==> flow/design.v <==
module sync_mpy_mod #(
    parameter NBITS = 18
) (
    input  sys_clk,
    input  [NBITS-1:0] dataa,
    input  [NBITS-1:0] datab,
    input  clear,
    output [2*NBITS-1:0] q,
    output ready
);
    reg [NBITS-1:0] dataa_ff;
    reg [NBITS-1:0] datab_ff;
    reg clear_ff;
    localparam SW = $clog2(NBITS + 1);
    reg [NBITS-1:0] mcand;
    reg [SW-1:0] ctr;
    reg [2*NBITS-1:0] state;
    wire [NBITS:0] nxt;
    assign nxt = state[2*NBITS-1:NBITS] + (state[0] ? mcand : {NBITS{1'b0}});
    assign q = state;
    assign ready = (ctr == 0);
    always @(posedge sys_clk) begin
        dataa_ff <= dataa;
        datab_ff <= datab;
        clear_ff <= clear;
        mcand <= clear_ff ? dataa_ff : mcand;
        ctr <= clear_ff ? NBITS : (ctr != 0) ? ctr - 1'b1 : ctr;
        state <= clear_ff ? {{NBITS{1'b0}}, datab_ff} : (ctr != 0) ? {nxt, state[NBITS-1:1]} : state;
    end
endmodule
* From RTL to reports: sync_mpy_mod
Tool output for the design above, in the order of the flow. Line numbers count from 1 in the design file above. Library cell names are shortened. A cell with -- has no value.
Set-up: design top sync_mpy_mod, clock input sys_clk, cell library sky130hd, timing corner tt_025C_1v80

* Word-level counts
Yosys after proc, flatten, opt, wreduce and memory -nomap, before mapping. Memory bits, and registers merged into a memory's read port (data or address), are not among the register bits. Print and check cells are not counted. Equal cells are merged and count once.
Word-level totals: bits in registers 96, input port bits 38, word-level cells 15
Cells by class: add/sub/neg operators 2, mux-type cells 3, reduce/logical cells 3
Operators by type and width (count):
- 18-bit two-way mux | 3
- 18-bit by 18-bit adder with 19-bit output | 1
- 5-bit by 1-bit subtractor with 5-bit output with constant B | 1
- 5-bit zero test | 1
- 5-bit nonzero test | 1
- 2-bit nonzero test | 1

* Logic depth
Longest topological path by Yosys (ltp), each cell counted once; first at word level (registers and memories cut), then after technology mapping (sequential cells cut; the memories' decode and read muxes count).
Logic depth: word-level depth 4, ABC_AREA 0, gate-level depth with buffers 10, depth with buffers taken out 10

* Synthesis result
Yosys stat after the flow's synthesis: flattened, memories mapped to cells. It holds for the ABC_AREA given above (unset counts as 0); a run with the other value may have another netlist.
Synthesis totals: standard cells after synthesis 331, cell area after synthesis 3905.0 um^2, flip-flop cells 96, buffer cells 13
Cell types:
- dfxtp_1 | count 60, total area 1.2E+03 um^2
- edfxtp_1 | count 36, total area 1.08E+03 um^2
- ha_1 | count 19, total area 237.728 um^2
- mux2_2 | count 19, total area 213.955 um^2
- and2_1 | count 18, total area 112.608 um^2
- a21oi_1 | count 21, total area 105.101 um^2
- nor2_1 | count 23, total area 86.333 um^2
- nand2_1 | count 19, total area 71.318 um^2
- a211oi_1 | count 7, total area 52.55 um^2
- xnor2_1 | count 6, total area 52.55 um^2
- a21o_1 | count 6, total area 45.043 um^2
- inv_1 | count 9, total area 33.782 um^2
- nand2b_1 | count 5, total area 31.28 um^2
- mux2i_1 | count 3, total area 30.029 um^2
- nor3_1 | count 6, total area 30.029 um^2
- o21ai_0 | count 6, total area 30.029 um^2
- clkbuf_1 | count 7, total area 26.275 um^2
- nor4b_1 | count 3, total area 26.275 um^2
Not listed: further types 33, cells in them 58.

* Timing after synthesis
Path of least setup slack by OpenSTA after synthesis, without wires, with an ideal clock, recovery checks aside; 20% of the period is set as input and as output delay. Where synthesis merged equal registers, the netlist keeps one of their names.
Timing post-synthesis: path kind flip-flop to flip-flop, start register state[0], end register state[29], period 3.14 ns, library setup time 0.141 ns, arrival 2.368 ns, data required time 2.999 ns, slack 0.630 ns, path delay 2.509 ns, stages 10, period reached after synthesis 2.51 ns
"path delay" = arrival - input delay + setup time. "stages": output pins that drive a net of the path, with the launching flip-flop's if there is one; two outputs of one cell count as two. "period reached after synthesis" is the clock period less the worst setup slack; recovery checks do not enter. This is arithmetic on one report: input and output delays are still those of the set period (20% each). The rows between start and end are the longest chain of elaborated cells between them; the timing report does not say that the signal goes this way. Where chains are equally long, one stands for them. A line is the first line of the expression or statement that the cell stems from. Yosys adds cells for indexed reads and writes and turns some case tables into memories.
Between the ends, post-synthesis: cells stage by stage edfxtp_1 clkbuf_1 nand2_1 fa_1 nand2b_1 a21oi_1 o2111ai_1 a211oi_1 mux2i_1 o311ai_0, length of the longest elaborated chain 2, elaborated cells on any way between the ends 2, those cells by class add/sub: 1; mux: 1
Ends and longest elaborated chain, post-synthesis:
- start: declaration | RTL line 17 | reg [2*NBITS-1:0] state;
- start: assignment | RTL line 28 | state <= clear_ff ? {{NBITS{1'b0}}, datab_ff} : (ctr != 0) ? {nxt, state[NBITS-1:1]} : state;
- 18-bit two-way mux | RTL line 19 | assign nxt = state[2*NBITS-1:NBITS] + (state[0] ? mcand : {NBITS{1'b0}});
- 18-bit by 18-bit adder with 19-bit output | RTL line 19
- end: assignment | RTL line 28
- end: declaration | RTL line 17

* Timing after layout
From the final timing report of flow run 2: the path of least setup slack in the routed layout; clock arrival at registers is part of the times.
Timing post-layout: path kind flip-flop to output port, start register ctr[0], end output port ready, period 3.14 ns, external output delay 0.63 ns, arrival 2.31 ns, data required time 2.51 ns, slack 0.20 ns, stages 7
The rows between start and end are the longest chain of elaborated cells between them; the timing report does not say that the signal goes this way. Where chains are equally long, one stands for them.
Between the ends, post-layout: cells stage by stage dfxtp_1 inv_1 ha_1 or3b_1 or2_1 clkinv_4 clkdlybuf4s50_1, length of the longest elaborated chain 1, elaborated cells on any way between the ends 1, those cells by class reduce/logical: 1
Ends and longest elaborated chain, post-layout:
- start: declaration | RTL line 16 | reg [SW-1:0] ctr;
- start: assignment | RTL line 27 | ctr <= clear_ff ? NBITS : (ctr != 0) ? ctr - 1'b1 : ctr;
- 5-bit zero test | RTL line 21 | assign ready = (ctr == 0);
- end: declaration | RTL line 9 | output ready

Design sync_mpy_mod on sky130hd. What follows are 3 stored runs of the flow, each under its own settings; their order means nothing. The constraints put input and output delay at 20% of the set period each and load the outputs with 0.01 pF.
"period reached" means the clock period less the worst setup slack. The figure is calculated, with input and output delays left at 20% of the set period.
"worst path time" = time allowed to the worst setup path (clock period - input delay - output delay, where it has them) - its slack; a late launch clock adds to it, a late capture clock takes from it.
By "power" is meant OpenSTA's value without simulated activity: inputs other than the clock are taken to toggle once in ten clock periods, and the tool carries that through the logic.

* Flow run 1 | settings: period_ns 2.29; CORE_UTILIZATION 41; SETUP_SLACK_MARGIN -0.07; PLACE_DENSITY_LB_ADDON 0.07; CELL_PAD_IN_SITES_DETAIL_PLACEMENT 2; TNS_END_PERCENT 90; GPL_TIMING_DRIVEN 0; MAX_ROUTING_LAYER met5; CAP_MARGIN 20; CORE_MARGIN 2; SLEW_MARGIN 20 | no final report: routing broke off with DPL-0033
* Flow run 2 | settings: period_ns 3.14; CAP_MARGIN 20; CORE_MARGIN 2; CORE_UTILIZATION 40; SLEW_MARGIN 20 | results: worst hold slack in the final report 0.400 ns; die area 10568.9 um^2; post-route utilization 51.4%; setup slack of the worst path 0.201 ns; standard-cell area of the final layout 4956.0 um^2; worst path time 2.31 ns; critical path kind flip-flop to output port; power 3171 µW; chip area in the Yosys report 3905.0 um^2; total negative setup slack 0.000 ns; period reached 2.939 ns
* Flow run 3 | settings: period_ns 3.02; CORE_UTILIZATION 43; SETUP_SLACK_MARGIN 0.42; PLACE_DENSITY_LB_ADDON 0.11; CELL_PAD_IN_SITES_GLOBAL_PLACEMENT 0; GPL_ROUTABILITY_DRIVEN 0; CTS_CLUSTER_SIZE 10; MIN_ROUTING_LAYER met2; CAP_MARGIN 20; CORE_MARGIN 2; SLEW_MARGIN 20 | results: worst hold slack in the final report 0.413 ns; die area 9859.5 um^2; post-route utilization 57.5%; setup slack of the worst path 0.500 ns; standard-cell area of the final layout 5042.3 um^2; worst path time 2.52 ns; critical path kind flip-flop to flip-flop; power 3373 µW; chip area in the Yosys report 3905.0 um^2; total negative setup slack 0.000 ns; period reached 2.520 ns
